==> flow/design.v <==
module alu_compare_rtl (CLK, RSTN, op_a_i, op_b_i, lower_o, mx_o);
   parameter DATA_WIDTH = 64;
   input CLK;
   input RSTN;
   input [DATA_WIDTH-1:0] op_a_i;
   input [DATA_WIDTH-1:0] op_b_i;
   output [DATA_WIDTH-1:0] lower_o;
   output [DATA_WIDTH-1:0] mx_o;
   reg [DATA_WIDTH-1:0] r_op_a;
   always @(posedge CLK) begin
      if (~RSTN) begin
         r_op_a <= 0;
      end else begin
         r_op_a <= op_a_i;
      end
   end
   reg [DATA_WIDTH-1:0] r_op_b;
   always @(posedge CLK) begin
      if (~RSTN) begin
         r_op_b <= 0;
      end else begin
         r_op_b <= op_b_i;
      end
   end
   wire tmp;
   assign tmp = r_op_a < r_op_b;
   reg [DATA_WIDTH-1:0] r_lower;
   always @(posedge CLK) begin
      if (~RSTN) begin
         r_lower <= 0;
      end else begin
         r_lower <= tmp ? r_op_a : r_op_b;
      end
   end
   assign lower_o = r_lower;
   reg [DATA_WIDTH-1:0] r_mx;
   always @(posedge CLK) begin
      if (~RSTN) begin
         r_mx <= 0;
      end else begin
         r_mx <= tmp ? r_op_b : r_op_a;
      end
   end
   assign mx_o = r_mx;
endmodule
# --- From RTL to reports: alu_compare_rtl ---
# What the tools print for alu_compare_rtl, step after step.
# Line numbers count from 1 in the design file above.
# Library cell names are shortened.
inputs:
  top: "alu_compare_rtl"
  clock_port: "CLK"
  lib: "sky130hd"
  lib_corner: "tt_025C_1v80"

# --- After elaboration ---
# Yosys after proc, flatten, opt, wreduce and memory -nomap, before mapping. Enables and synchronous resets that opt folds into registers are not counted as muxes. Memory bits, and registers merged into a memory's read port (data or address), are not among the register bits. Print and check cells are not counted. Equal cells are merged and count once.
word_totals:
  reg_bits: 256
  latch_bits: 0
  mem_bits_rw: 0
  mem_bits_ro: 0
  clocked_rd_ports_x_width: 0
  mem_count: 0
  inputBits: 130
  output_inout_bits: 128
op_classes:
  addsub: 0
  mul: 0
  n_div: 0
  compare: 1
  eq_ne: 0
  n_shift: 0
  muxes: 2
  logic: 0
  n_reduce_logical: 0
ops:
  columns: ["op", "n"]
  rows:
  - ["64-bit two-way mux", 2]
  - ["64-bit < comparator", 1]

# --- Longest topological paths ---
# Depth = most cells in a row (Yosys ltp): at word level without a register or memory, in the mapped netlist without a sequential cell, where the memories' decode and read muxes count.
depth:
  ltp_word: 2
  ABC_AREA: 0
  mapped_depth: 11
  depth_no_buf: 9

# --- Netlist ---
# Yosys stat after the flow's synthesis: flattened, memories mapped to cells. It holds for the ABC_AREA given above (unset counts as 0); a run with the other value may have another netlist.
synth_totals:
  cells: 909
  yosys_area_um2: 9666.8
  sequential_area_um2: 5124.9
  ff_cells: 256
  buffers: 42
by_type:
  columns: ["cell_type", "n", "area_total_um2"]
  rows:
  - ["dfxtp_1", 256, 5.12E+03]
  - ["mux2i_1", 128, 1.28E+03]
  - ["and2_1", 128, 800.768]
  - ["ha_1", 63, 788.256]
  - ["nand2_1", 141, 529.258]
  - ["inv_1", 65, 243.984]
  - ["buf_12", 11, 220.211]
  - ["a21oi_1", 24, 120.115]
  - ["clkbuf_1", 28, 105.101]
  - ["a21o_1", 10, 75.072]
  - ["nand4_1", 10, 62.56]
  - ["o21ai_0", 10, 50.048]
  - ["buf_8", 2, 30.029]
  - ["nand3_1", 5, 25.024]
  - ["nor2_1", 6, 22.522]
  - ["o211ai_1", 3, 22.522]
  - ["o211ai_4", 1, 21.27]
  - ["o211a_1", 2, 20.019]
# Not listed: further types 13, cells in them 16.

# --- Timing after synthesis ---
# OpenSTA on the mapped netlist: ideal clock, no wires. The path of least setup slack (recovery checks aside). Input and output delay are each 20% of the period. Register names are those of the netlist, which keeps one name where synthesis merged equal registers.
synth_timing:
  path_kind: "register to register"
  start: "register r_op_b[47]"
  end: "register r_lower[43]"
  clock_period_ns: 2.85
  setup_time_ns: 0.072
  t_first_pin_ns: 0.000
  arrival_time_ns: 2.208
  required_time_ns: 2.778
  path_slack_ns: 0.570
  delay_ns: 2.280
  path_stages: 11
  path_buffers: 2
  synth_period_reached_ns: 2.28
# "delay_ns" = arrival - input delay + setup time.
# "path_stages": output pins that drive a net of the path, with the launching flip-flop's if there is one; two outputs of one cell count as two.
# "synth_period_reached_ns" is the clock period less the worst setup slack; recovery checks do not enter. This is arithmetic on one report: input and output delays are still those of the set period (20% each).
# The rows between start and end are the longest chain of elaborated cells between them; the timing report does not say that the signal goes this way. Where chains are equally long, one stands for them.
# A line is the first line of the expression or statement that the cell stems from. Yosys adds cells for indexed reads and writes and turns some case tables into memories.
synth_between:
  cell_sequence: "dfxtp_1 inv_1 ha_1 nand4_1 nor4_1 nand3_1 or3_1 o211ai_4 buf_6 buf_8 mux2i_1"
  elab_chain_cells: 2
synth_lines:
  columns: ["item", "line_no", "rtl"]
  rows:
  - ["from (decl)", 17, "reg [DATA_WIDTH-1:0] r_op_b;"]
  - ["from (assign)", 20, "r_op_b <= 0;"]
  - ["from (assign)", 22, "r_op_b <= op_b_i;"]
  - ["64-bit < comparator", 26, "assign tmp = r_op_a < r_op_b;"]
  - ["64-bit two-way mux", 32, "r_lower <= tmp ? r_op_a : r_op_b;"]
  - ["to (assign)", 30, "r_lower <= 0;"]
  - ["to (assign)", 32, null]
  - ["to (decl)", 27, "reg [DATA_WIDTH-1:0] r_lower;"]

# --- Worst path after layout ---
# Path of least setup slack in the final report of run B (OpenROAD, finished layout, wires in). Where an end is a register, its clock arrival counts in the times.
layout_timing:
  path_kind: "register to register"
  start: "register r_op_b[59]"
  end: "register r_lower[47]"
  clock_period_ns: 2.85
  setup_time_ns: 0.09
  t_first_pin_ns: 0.51
  arrival_time_ns: 3.05
  required_time_ns: 3.28
  path_slack_ns: 0.23
  path_stages: 13
  path_buffers: 3
# The rows between start and end are the longest chain of elaborated cells between them; the timing report does not say that the signal goes this way. Where chains are equally long, one stands for them.
layout_between:
  cell_sequence: "dfxtp_1 inv_1 ha_1 nand4_1 nor2_1 buf_4 o21ai_0 o211a_1 o211a_1 o211ai_4 buf_12 buf_12 mux2i_1"
  elab_chain_cells: 2
layout_lines:
  columns: ["item", "line_no", "rtl"]
  rows:
  - ["from (decl)", 17, "reg [DATA_WIDTH-1:0] r_op_b;"]
  - ["from (assign)", 20, "r_op_b <= 0;"]
  - ["from (assign)", 22, "r_op_b <= op_b_i;"]
  - ["64-bit < comparator", 26, "assign tmp = r_op_a < r_op_b;"]
  - ["64-bit two-way mux", 32, "r_lower <= tmp ? r_op_a : r_op_b;"]
  - ["to (assign)", 30, "r_lower <= 0;"]
  - ["to (assign)", 32, null]
  - ["to (decl)", 27, "reg [DATA_WIDTH-1:0] r_lower;"]

# Stored flow runs of alu_compare_rtl (3 of them; Yosys, OpenROAD, sky130hd). They differ in their settings and are not a sequence. Constraints: input delay and output delay 20% of the set period each, output load 0.01 pF.
# By "achieved_period_ns" is meant the clock period of the run minus its worst setup slack. This is arithmetic on one report: input and output delays are still those of the set period (20% each).
# By "worst_setup_path_time_ns" is meant the share of the clock period that the worst setup path is allowed (20% is reserved at inputs, 20% at outputs), minus its slack. Clock arrival times at its registers enter into it.
# "power.total_mw" rests on the timing tool's default activity at the inputs, not on a simulated workload.
runs:
  - name: "run A"
    settings:
      period_ns: 2.54
      CORE_UTILIZATION: 51
      SETUP_SLACK_MARGIN: -0.18
      PLACE_DENSITY_LB_ADDON: 0.08
      HOLD_SLACK_MARGIN: 0.0
      CELL_PAD_IN_SITES_DETAIL_PLACEMENT: 1
      ABC_AREA: 1
      GPL_TIMING_DRIVEN: 1
      GPL_ROUTABILITY_DRIVEN: 1
      CTS_CLUSTER_SIZE: 22
      MAX_ROUTING_LAYER: "met5"
      CAP_MARGIN: 20
      CORE_MARGIN: 2
      SLEW_MARGIN: 20
    outcome: "stopped before the end: routing reported ODB-0269"
  - name: "run B"
    settings:
      period_ns: 2.85
      CAP_MARGIN: 20
      CORE_MARGIN: 2
      CORE_UTILIZATION: 40
      SLEW_MARGIN: 20
    results:
      holdWs_ns: 0.477
      setup_worst_slack_ns: 0.229
      achieved_period_ns: 2.621
      util_frac: 0.574
      die_um2: 25425.9
      worst_setup_path_time_ns: 2.62
      critical_path_type: "register to register"
      power.total_mw: 9.097
      cell_area_final_um2: 13563.0
      setup_tns_ns: 0.000
      synth_chip_area_um2: 9666.8
  - name: "run C"
    settings:
      period_ns: 1.6
      CORE_UTILIZATION: 69
      PLACE_DENSITY_LB_ADDON: 0.06
      CORE_ASPECT_RATIO: 0.57
      CORE_MARGIN: 2
      CELL_PAD_IN_SITES_GLOBAL_PLACEMENT: 0
      TNS_END_PERCENT: 100
      SLEW_MARGIN: 15
      MIN_ROUTING_LAYER: "met1"
      CAP_MARGIN: 20
    outcome: "stopped before the end: clock tree synthesis reported DPL-0038"
